==> flow/design.v <==
module alu_muxn #(
    parameter W = 20,
    parameter WAYS = 4,
    parameter SEL_W = $clog2(WAYS)
) (
    input  CLK,
    input  [WAYS*W-1:0] i_din,
    input  [SEL_W-1:0] i_pick,
    output [W-1:0] o_o
);
    reg [WAYS*W-1:0] din_q;
    reg [SEL_W-1:0] pick_q;
    always @(posedge CLK) begin
        din_q <= i_din;
        pick_q <= i_pick;
    end
    wire [W-1:0] nd [1:2*WAYS-1];
    genvar gi;
    generate
        for (gi = 0; gi < WAYS; gi = gi + 1) begin : each
            assign nd[WAYS+gi] = din_q[gi*W +: W];
        end
        for (gi = 1; gi < WAYS; gi = gi + 1) begin : gen
            alu_muxn_m2 #(.N(W)) i_sub (.a(nd[2*gi]), .b(nd[2*gi+1]), .s(pick_q[SEL_W - $clog2(gi+1)]), .y(nd[gi]));
        end
    endgenerate
    reg [W-1:0] o_q;
    always @(posedge CLK)
        o_q <= nd[1];
    assign o_o = o_q;
endmodule
module alu_muxn_m2 #(parameter N = 1) (
    input wire [N-1:0] a,
    input wire [N-1:0] b,
    input wire s,
    output wire [N-1:0] y
);
    assign y = s ? b : a;
endmodule
* Tool chain data of alu_muxn
Tool output for the members of one design family, told apart by "WAYS", in the order of the flow.
The RTL above is that of WAYS 4; lines are counted from 1 in the file of the member named.
Operators carry their Yosys type and port widths (W data, S select, Z words).
Cell names lack the library's common part.
A cell with - has no value.
- Top module :: alu_muxn
- Clock :: CLK
- Cell library :: sky130hd
- Timing corner :: tt_025C_1v80

* Source of the members
Lines of each other member's file that are new or changed against the file above; lines that a member lacks are not shown.
** Lines new or changed
- WAYS 8 :: line 3 : parameter WAYS = 8,
- WAYS 16 :: line 3 : parameter WAYS = 16,
- WAYS 32 :: line 3 : parameter WAYS = 32,

* Word level
Yosys after proc, flatten, opt, wreduce and memory -nomap, before mapping. Enables and synchronous resets that opt folds into registers are not counted as muxes. Print and check cells are not counted. Equal cells are merged and count once.
** Word-level totals
- WAYS 4 :: output and inout port bits 20, word-level cells 6, bits in registers 102
- WAYS 8 :: output and inout port bits 20, word-level cells 10, bits in registers 183
- WAYS 16 :: output and inout port bits 20, word-level cells 18, bits in registers 344
- WAYS 32 :: output and inout port bits 20, word-level cells 34, bits in registers 665
** Cells by class (multiplexer cells)
- WAYS 4 :: 3
- WAYS 8 :: 7
- WAYS 16 :: 15
- WAYS 32 :: 31
** Operators with widths (kind and count)
- WAYS 4 :: $mux W20: 3
- WAYS 8 :: $mux W20: 7
- WAYS 16 :: $mux W20: 15
- WAYS 32 :: $mux W20: 31

* Depth
Longest topological path by Yosys (ltp), each cell counted once; first at word level (registers and memories cut), then after technology mapping (sequential cells cut; the memories' decode and read muxes count).
** Logic depth
- WAYS 4 :: word-level depth 2, ABC_AREA 0, gate-level depth with buffers 2, mapped depth without buffers 1
- WAYS 8 :: word-level depth 3, ABC_AREA 0, gate-level depth with buffers 4, mapped depth without buffers 2
- WAYS 16 :: word-level depth 4, ABC_AREA 0, gate-level depth with buffers 5, mapped depth without buffers 3
- WAYS 32 :: word-level depth 5, ABC_AREA 0, gate-level depth with buffers 8, mapped depth without buffers 5

* Mapped cells and area
The flow's flattened synthesis, as Yosys stat reports it; memories are mapped. The netlist is that of the ABC_AREA named above (0 if unset); the other value can give another one.
The area totals of this step are shown rounded.
** Cells by type (types with counts)
- WAYS 4 :: dfxtp_1: 102; mux4_2: 20; buf_6: 2; buf_2: 2
- WAYS 8 :: dfxtp_1: 183; mux4_1: 40; mux2_2: 20; buf_6: 4; clkbuf_1: 4; buf_1: 2; clkbuf_2: 1
- WAYS 16 :: dfxtp_1: 344; mux4_2: 64; mux4_1: 16; a22oi_1: 40; nand2_1: 20; clkbuf_1: 16; buf_6: 5; buf_4: 4; nor2b_1: 2; and2_1: 1; buf_2: 1; nor2_1: 1
- WAYS 32 :: dfxtp_1: 665; mux2i_1: 320; a22oi_1: 80; a22o_1: 40; a21oi_1: 40; nand3_1: 40; nand2_1: 40; a31oi_1: 20; nand4_1: 20; buf_12: 6; buf_8: 8; buf_4: 15; buf_2: 22; nor3_1: 20; clkbuf_1: 23; buf_6: 6; nand2b_1: 2; nor2b_1: 2; (+4)
A list marked (+n) leaves out that many cells.
** Synthesis totals
- WAYS 4 :: synthesis area 2500 um2, buffer cells 4, cells in the netlist 126, sequential part of the area 2000 um2, mapped flip-flops 102
- WAYS 8 :: synthesis area 5000 um2, buffer cells 11, cells in the netlist 254, sequential part of the area 3700 um2, mapped flip-flops 183
- WAYS 16 :: synthesis area 9300 um2, buffer cells 26, cells in the netlist 514, sequential part of the area 6900 um2, mapped flip-flops 344
- WAYS 32 :: synthesis area 19000 um2, buffer cells 81, cells in the netlist 1373, sequential part of the area 13000 um2, mapped flip-flops 665
By module: a second synthesis without flattening, with its own total; a netlist apart from the flattened one above.
** Unflattened totals
- WAYS 4 :: cells (unflattened synthesis) 168, area total of the unflattened synthesis 3000 um2
- WAYS 8 :: cells (unflattened synthesis) 337, area total of the unflattened synthesis 5900 um2
- WAYS 16 :: cells (unflattened synthesis) 674, area total of the unflattened synthesis 12000 um2
- WAYS 32 :: cells (unflattened synthesis) 1347, area total of the unflattened synthesis 23000 um2

* Path before layout
Source: OpenSTA report_checks on the synthesized netlist (no wires, ideal clock, input and output delay 20% of the period each), path of least setup slack; recovery checks are left aside. Register names are those of the netlist, which keeps one name where synthesis merged equal registers.
** Path after synthesis
- WAYS 4 :: path kind reg2reg, start point register pick_q[0], end point register o_q[0], stages 3, clock period 1.42 ns, path slack 0.288 ns, delay of the path 1.132 ns, synthesis period reached 1.132 ns
- WAYS 8 :: path kind reg2reg, start point register pick_q[0], end point register o_q[0], stages 5, clock period 1.88 ns, path slack 0.378 ns, delay of the path 1.502 ns, synthesis period reached 1.502 ns
- WAYS 16 :: path kind reg2reg, start point register pick_q[0], end point register o_q[12], stages 6, clock period 1.85 ns, path slack 0.366 ns, delay of the path 1.484 ns, synthesis period reached 1.484 ns
- WAYS 32 :: path kind reg2reg, start point register pick_q[0], end point register o_q[0], stages 9, clock period 1.79 ns, path slack 0.361 ns, delay of the path 1.429 ns, synthesis period reached 1.429 ns
"delay of the path" is the arrival time less input delay plus setup time.
"stages": output pins that drive a net of the path, with the launching flip-flop's if there is one; two outputs of one cell count as two.
"synthesis period reached" is the clock period less the worst setup slack; recovery checks do not enter. This is arithmetic on one report: input and output delays are still those of the set period (20% each).
Between the ends stands the longest chain of elaborated cells between them, by number of cells; it is not shown to be the way that was timed. Of several equally long chains one is given.
A line is the first line of the expression or statement that the cell stems from. Yosys adds cells for indexed reads and writes and turns some case tables into memories.
Between the ends, after synthesis, WAYS 4:
- Length of the longest elaborated chain :: 2
** RTL lines, path after synthesis, WAYS 4
- start: declaration :: line 12 : reg [SEL_W-1:0] pick_q;
- start: assignment :: line 15 : pick_q <= i_pick;
- $mux W20 x2 :: line 38 : assign y = s ? b : a;
- end: assignment :: line 29 : o_q <= nd[1];
- end: declaration :: line 27 : reg [W-1:0] o_q;
Between the ends, after synthesis, WAYS 32:
- Length of the longest elaborated chain :: 5
** RTL lines, path after synthesis, WAYS 32
- start: declaration :: line 12 : reg [SEL_W-1:0] pick_q;
- start: assignment :: line 15 : pick_q <= i_pick;
- $mux W20 x5 :: line 38 : assign y = s ? b : a;
- end: assignment :: line 29 : o_q <= nd[1];
- end: declaration :: line 27 : reg [W-1:0] o_q;

* Timing after layout
From the final timing report of the run of each member: the path of least setup slack in the routed layout; clock arrival at registers is part of the times.
** Path post-layout
- WAYS 4 :: path kind reg2out, start point register o_q[16], end point output port o_o[16], path slack 0.17 ns, data arrival time 0.97 ns, buffers on the path 1, clock period 1.42 ns, stages 2
- WAYS 8 :: path kind reg2out, start point register o_q[2], end point output port o_o[2], path slack 0.21 ns, data arrival time 1.29 ns, buffers on the path 1, clock period 1.88 ns, stages 2
- WAYS 16 :: path kind reg2out, start point register o_q[16], end point output port o_o[16], path slack 0.06 ns, data arrival time 1.42 ns, buffers on the path 1, clock period 1.85 ns, stages 2
- WAYS 32 :: path kind reg2reg, start point register pick_q[0], end point register o_q[5], path slack 0.02 ns, data arrival time 2.23 ns, buffers on the path 2, clock period 1.79 ns, stages 8

* Flow runs
One run of the flow (Yosys, OpenROAD) for each member, with settings and measured results. Input and output delays are each 20% of the period that was set; the output load is 0.01 pF.
- CAP_MARGIN :: 20
- CORE_MARGIN :: 2
- CORE_UTILIZATION :: 40
- SLEW_MARGIN :: 20
** Settings that differ (period_ns)
- WAYS 4 :: 1.42
- WAYS 8 :: 1.88
- WAYS 16 :: 1.85
- WAYS 32 :: 1.79
** Measured results
- WAYS 4 :: worst setup slack after layout 0.17 ns, power 5500 uW, utilization after layout 64%, post-route setup TNS 0.000 ns, worst hold slack after layout 0.37 ns, die area 7000 um2, standard-cell area after routing 3800 um2, period reached 1.252 ns, Yosys chip area after synthesis 2500 um2
- WAYS 8 :: worst setup slack after layout 0.21 ns, power 8300 uW, utilization after layout 63%, post-route setup TNS 0.000 ns, worst hold slack after layout 0.39 ns, die area 13000 um2, standard-cell area after routing 7600 um2, period reached 1.670 ns, Yosys chip area after synthesis 5000 um2
- WAYS 16 :: worst setup slack after layout 0.064 ns, power 17000 uW, utilization after layout 64%, post-route setup TNS 0.000 ns, worst hold slack after layout 0.30 ns, die area 24000 um2, standard-cell area after routing 15000 um2, period reached 1.786 ns, Yosys chip area after synthesis 9300 um2
- WAYS 32 :: worst setup slack after layout 0.022 ns, power 33000 uW, utilization after layout 64%, post-route setup TNS 0.000 ns, worst hold slack after layout 0.20 ns, die area 49000 um2, standard-cell area after routing 30000 um2, period reached 1.768 ns, Yosys chip area after synthesis 19000 um2
"period reached" is the run's clock period less its worst setup slack. It is reckoned from that one timing run; input and output delays stay at 20% of the period that was set.
"power" is the tool's figure for a default switching activity; nothing was simulated.
The measured numbers are rounded.
